==> flow/design.v <==
module cpu_aligner_blk #(
  parameter integer WIDTH = 10,
  parameter integer LG = $clog2(WIDTH)
) (
  input  logic sys_clk,
  input  logic clr,
  input  logic step,
  input  logic [WIDTH-1:0] data,
  input  logic [LG-1:0] dist_in,
  output logic [WIDTH-1:0] y
);
  logic [WIDTH-1:0] data_ff;
  logic [LG-1:0] dist_in_ff;
  always_ff @(posedge sys_clk) begin
    if (clr) begin
      data_ff <= '0;
      dist_in_ff <= '0;
      y <= '0;
    end else if (step) begin
      data_ff <= data;
      dist_in_ff <= dist_in;
      y <= (data_ff << dist_in_ff) | (data_ff >> (WIDTH - dist_in_ff));
    end
  end
endmodule
Lab notebook: cpu_aligner_blk

### Step by step through the tools: cpu_aligner_blk

Module cpu_aligner_blk in several versions that differ in "WIDTH"; each step lists the members.
The RTL above is that of WIDTH=10; lines are counted from 1 in the file of the member named.
Library cell names are shortened.
Not given: -

| inputs | value |
|---|---|
| top | cpu_aligner_blk |
| clock input | sys_clk |
| cell library | sky130hd |
| timing corner | tt_025C_1v80 |

### Members of the sweep

New or changed lines of each further member against the RTL above, in its own file; lines it lacks are not shown.

New or changed lines:

| WIDTH | RTL line | text |
|---|---|---|
| 12 | 2 | `parameter integer WIDTH = 12,` |
| 32 | 2 | `parameter integer WIDTH = 32,` |
| 48 | 2 | `parameter integer WIDTH = 48,` |
| 80 | 2 | `parameter integer WIDTH = 80,` |

### Word-level counts

Source: Yosys, flattened and elaborated, memories not mapped. Widths are those after wreduce; folded enables and synchronous resets count as part of the registers. Registers that Yosys merges into a memory's read port (data or address) are not register bits. Print and check cells do not count. Equal cells are merged and count once.

Storage and ports:

| WIDTH | flip-flop bits (word level) | output and inout port bits | bits of input ports | cells after elaboration |
|---|---|---|---|---|
| 10 | 24 | 10 | 17 | 7 |
| 12 | 28 | 12 | 19 | 7 |
| 32 | 69 | 32 | 40 | 7 |
| 48 | 102 | 48 | 57 | 7 |
| 80 | 167 | 80 | 90 | 7 |

Operators by class:

| WIDTH | add/sub/neg operators | shifts and indexed selects | bitwise operators |
|---|---|---|---|
| 10 | 1 | 2 | 1 |
| 12 | 1 | 2 | 1 |
| 32 | 1 | 2 | 1 |
| 48 | 1 | 2 | 1 |
| 80 | 1 | 2 | 1 |

Operators by type and width:

| WIDTH | kind and count |
|---|---|
| 10 | 1 x 10-bit by 32-bit >> shifter with 10-bit output; 1 x 10-bit bitwise OR; 1 x 10-bit by 4-bit left shift with 10-bit output; 1 x 4-bit by 4-bit subtractor with 5-bit output with constant A |
| 12 | 1 x 12-bit by 32-bit >> shifter with 12-bit output; 1 x 12-bit bitwise OR; 1 x 12-bit by 4-bit left shift with 12-bit output; 1 x 4-bit by 4-bit subtractor with 5-bit output with constant A |
| 32 | 1 x 32-bit bitwise OR; 1 x 32-bit by 32-bit >> shifter with 32-bit output; 1 x 32-bit by 5-bit left shift with 32-bit output; 1 x 6-bit by 5-bit subtractor with 7-bit output with constant A |
| 48 | 1 x 48-bit by 32-bit >> shifter with 48-bit output; 1 x 48-bit bitwise OR; 1 x 48-bit by 6-bit left shift with 48-bit output; 1 x 6-bit by 6-bit subtractor with 7-bit output with constant A |
| 80 | 1 x 80-bit by 32-bit >> shifter with 80-bit output; 1 x 80-bit by 7-bit left shift with 80-bit output; 1 x 80-bit bitwise OR; 1 x 7-bit by 7-bit subtractor with 8-bit output with constant A |

### Longest topological paths

Longest topological path by Yosys (ltp), each cell counted once; first at word level (registers and memories cut), then after technology mapping (sequential cells cut; the memories' decode and read muxes count).

Logic depth:

| WIDTH | depth after elaboration | ABC_AREA | mapped depth | gate-level depth less buffers |
|---|---|---|---|---|
| 10 | 3 | 0 | 8 | 6 |
| 12 | 3 | 0 | 10 | 7 |
| 32 | 3 | 0 | 13 | 7 |
| 48 | 3 | 0 | 17 | 8 |
| 80 | 3 | 0 | 18 | 8 |

### Synthesis result

Source: synth_stat.txt of the flow (Yosys; design flattened, memories mapped). It holds for the ABC_AREA given above (unset counts as 0); a run with the other value may have another netlist.
Totals and module areas in this step are rounded.

Cells by type:

| WIDTH | types with counts |
|---|---|
| 10 | 24 x dfxtp_1; 23 x mux2i_1; 8 x mux4_2; 30 x nor2_1; 6 x mux2_2; 18 x nand2_1; 9 x a21oi_1; 5 x a311oi_1; 3 x buf_6; 5 x a31oi_1; 4 x a211oi_1; 6 x buf_2; 8 x clkbuf_1; 6 x nand3_1; 5 x o21ai_0; 2 x mux2_1; 3 x nand3b_1; 4 x nor3_1; (+39) |
| 12 | 28 x dfxtp_1; 25 x mux2i_1; 11 x mux4_2; 35 x nor2_1; 8 x mux2_2; 13 x a21oi_1; 16 x nand2_1; 7 x buf_2; 7 x o21ai_0; 4 x a211oi_1; 8 x clkbuf_1; 3 x a311oi_1; 4 x o22ai_1; 3 x nand3b_1; 4 x nand3_1; 3 x and2_1; 3 x and3_1; 5 x inv_1; (+34) |
| 32 | 76 x mux4_2; 69 x dfxtp_1; 102 x mux2i_1; 76 x nor2_1; 62 x nand2_1; 18 x mux2_2; 41 x clkbuf_1; 12 x a221oi_1; 20 x buf_2; 10 x a311oi_1; 7 x buf_6; 15 x nand3_1; 15 x o21ai_0; 8 x a211oi_1; 12 x a21oi_1; 9 x nand2b_1; 11 x nor3_1; 7 x buf_4; (+93) |
| 48 | 100 x mux4_2; 102 x dfxtp_1; 128 x mux2i_1; 60 x mux2_2; 152 x nor2_1; 37 x a211oi_1; 74 x nand2_1; 63 x clkbuf_1; 40 x o21ai_0; 32 x a21oi_1; 21 x buf_4; 27 x nand3_1; 25 x buf_2; 25 x nor3_1; 16 x o211ai_1; 9 x buf_6; 11 x o221ai_1; 9 x a221oi_1; (+177) |
| 80 | 219 x mux4_2; 167 x dfxtp_1; 244 x mux2i_1; 81 x mux2_2; 243 x nor2_1; 146 x nand2_1; 18 x mux4_1; 116 x clkbuf_1; 43 x a211oi_1; 60 x a21oi_1; 56 x o21ai_0; 48 x buf_2; 20 x buf_6; 26 x a22oi_1; 9 x buf_12; 27 x o22ai_1; 19 x a311oi_1; 21 x buf_4; (+390) |

A list marked (+n) leaves out that many cells.

Synthesis totals:

| WIDTH | sequential part of the area (um^2) | buffers | cell area after synthesis (um^2) | standard cells after synthesis | flip-flops |
|---|---|---|---|---|---|
| 10 | 480 | 18 | 1800 | 208 | 24 |
| 12 | 561 | 18 | 1970 | 221 | 28 |
| 32 | 1380 | 78 | 6510 | 663 | 69 |
| 48 | 2040 | 127 | 10300 | 1108 | 102 |
| 80 | 3340 | 243 | 19200 | 1953 | 167 |

### Path before layout

Source: OpenSTA report_checks on the synthesized netlist (no wires, ideal clock, input and output delay 20% of the period each), path of least setup slack; recovery checks are left aside. Register names are those of the netlist, which keeps one name where synthesis merged equal registers.

Timing after synthesis:

| WIDTH | path type | from | to | path delay (ns) | stages | setup slack (ns) | clock period (ns) | synthesis period reached (ns) |
|---|---|---|---|---|---|---|---|---|
| 10 | reg-to-reg | reg dist_in_ff[0] | reg y[5] | 1.949 | 7 | 0.491 | 2.44 | 1.949 |
| 12 | reg-to-reg | reg dist_in_ff[1] | reg y[1] | 2.300 | 8 | 0.579 | 2.88 | 2.301 |
| 32 | reg-to-reg | reg dist_in_ff[0] | reg y[3] | 3.083 | 13 | 0.767 | 3.85 | 3.083 |
| 48 | reg-to-reg | reg dist_in_ff[0] | reg y[4] | 3.501 | 16 | 0.880 | 4.38 | 3.5 |
| 80 | reg-to-reg | reg dist_in_ff[0] | reg y[43] | 3.719 | 17 | 0.930 | 4.65 | 3.72 |

"path delay" is the arrival time less input delay plus setup time.
"stages": output pins that drive a net of the path, with the launching flip-flop's if there is one; two outputs of one cell count as two.
"synthesis period reached" = period - worst setup slack (recovery checks aside). The figure is calculated, with input and output delays left at 20% of the set period.
The rows between start and end are the longest chain of elaborated cells between them; the timing report does not say that the signal goes this way. Where chains are equally long, one stands for them.
A line is the first line of the expression or statement that the cell stems from. Yosys adds cells for indexed reads and writes and turns some case tables into memories.

| between the ends, after synthesis, WIDTH=10 | value |
|---|---|
| cells in the longest elaborated chain | 3 |

Ends and longest elaborated chain, after synthesis, WIDTH=10:

| element | RTL line | text |
|---|---|---|
| start, declared | 13 | `logic [LG-1:0] dist_in_ff;` |
| start, assigned | 17 | `dist_in_ff <= '0;` |
| start, assigned | 21 | `dist_in_ff <= dist_in;` |
| 4-bit by 4-bit subtractor with 5-bit output | 22 | `y <= (data_ff << dist_in_ff) \| (data_ff >> (WIDTH - dist_in_ff));` |
| 10-bit by 32-bit >> shifter with 10-bit output | 22 |  |
| 10-bit bitwise OR | 22 |  |
| end, assigned | 18 | `y <= '0;` |
| end, assigned | 22 |  |
| end, declared | 10 | `output logic [WIDTH-1:0] y` |

| between the ends, after synthesis, WIDTH=80 | value |
|---|---|
| cells in the longest elaborated chain | 3 |

Ends and longest elaborated chain, after synthesis, WIDTH=80:

| element | RTL line | text |
|---|---|---|
| start, declared | 13 | `logic [LG-1:0] dist_in_ff;` |
| start, assigned | 17 | `dist_in_ff <= '0;` |
| start, assigned | 21 | `dist_in_ff <= dist_in;` |
| 7-bit by 7-bit subtractor with 8-bit output | 22 | `y <= (data_ff << dist_in_ff) \| (data_ff >> (WIDTH - dist_in_ff));` |
| 80-bit by 32-bit >> shifter with 80-bit output | 22 |  |
| 80-bit bitwise OR | 22 |  |
| end, assigned | 18 | `y <= '0;` |
| end, assigned | 22 |  |
| end, declared | 10 | `output logic [WIDTH-1:0] y` |

### Worst path after layout

Path of least setup slack in the final report of the run of each member (OpenROAD, finished layout, wires in). Where an end is a register, its clock arrival counts in the times.

Timing after layout:

| WIDTH | path type | from | to | arrival (ns) | clock period (ns) | stages | buffers on the path | setup slack (ns) |
|---|---|---|---|---|---|---|---|---|
| 10 | reg-to-reg | reg dist_in_ff[2] | reg y[6] | 2.20 | 2.44 | 6 | 0 | 0.44 |
| 12 | reg-to-reg | reg dist_in_ff[0] | reg y[5] | 2.35 | 2.88 | 6 | 1 | 0.73 |
| 32 | reg-to-reg | reg dist_in_ff[1] | reg y[17] | 3.08 | 3.85 | 9 | 1 | 0.97 |
| 48 | reg-to-reg | reg dist_in_ff[0] | reg y[18] | 3.86 | 4.38 | 10 | 1 | 0.77 |
| 80 | reg-to-reg | reg dist_in_ff[0] | reg y[42] | 4.38 | 4.65 | 9 | 0 | 0.64 |

### Measured runs

One run of the flow (Yosys, OpenROAD) for each member, with settings and measured results. Input and output delays are each 20% of the period that was set; the output load is 0.01 pF.

| settings | value |
|---|---|
| CAP_MARGIN | 20 |
| CORE_MARGIN | 2 |
| CORE_UTILIZATION | 40 |
| SLEW_MARGIN | 20 |

Settings that differ:

| WIDTH | period_ns |
|---|---|
| 10 | 2.44 |
| 12 | 2.88 |
| 32 | 3.85 |
| 48 | 4.38 |
| 80 | 4.65 |

Results:

| WIDTH | chip area after synthesis (Yosys) (um^2) | achieved clock period (ns) | power consumption (mW) | utilization (%) | area of the die (um^2) | post-route worst hold slack (ns) | post-route setup TNS (ns) | lowest setup slack (ns) | standard-cell area after layout (um^2) |
|---|---|---|---|---|---|---|---|---|---|
| 10 | 1800 | 2.003 | 1.03 | 49.5 | 5060 | 0.486 | 0.000 | 0.437 | 2150 |
| 12 | 1970 | 2.145 | 0.970 | 50.4 | 5510 | 0.482 | 0.000 | 0.735 | 2380 |
| 32 | 6510 | 2.881 | 2.71 | 48.3 | 17300 | 0.475 | 0.000 | 0.969 | 7670 |
| 48 | 10300 | 3.607 | 3.50 | 46.3 | 27000 | 0.480 | 0.000 | 0.773 | 11700 |
| 80 | 19200 | 4.014 | 6.46 | 45.9 | 49700 | 0.483 | 0.000 | 0.636 | 21800 |

By "achieved clock period" is meant the clock period of the run minus its worst setup slack. This is arithmetic on one report: input and output delays are still those of the set period (20% each).
By "power consumption" is meant OpenSTA's value without simulated activity: inputs other than the clock are taken to toggle once in ten clock periods, and the tool carries that through the logic.
The measured numbers are rounded.
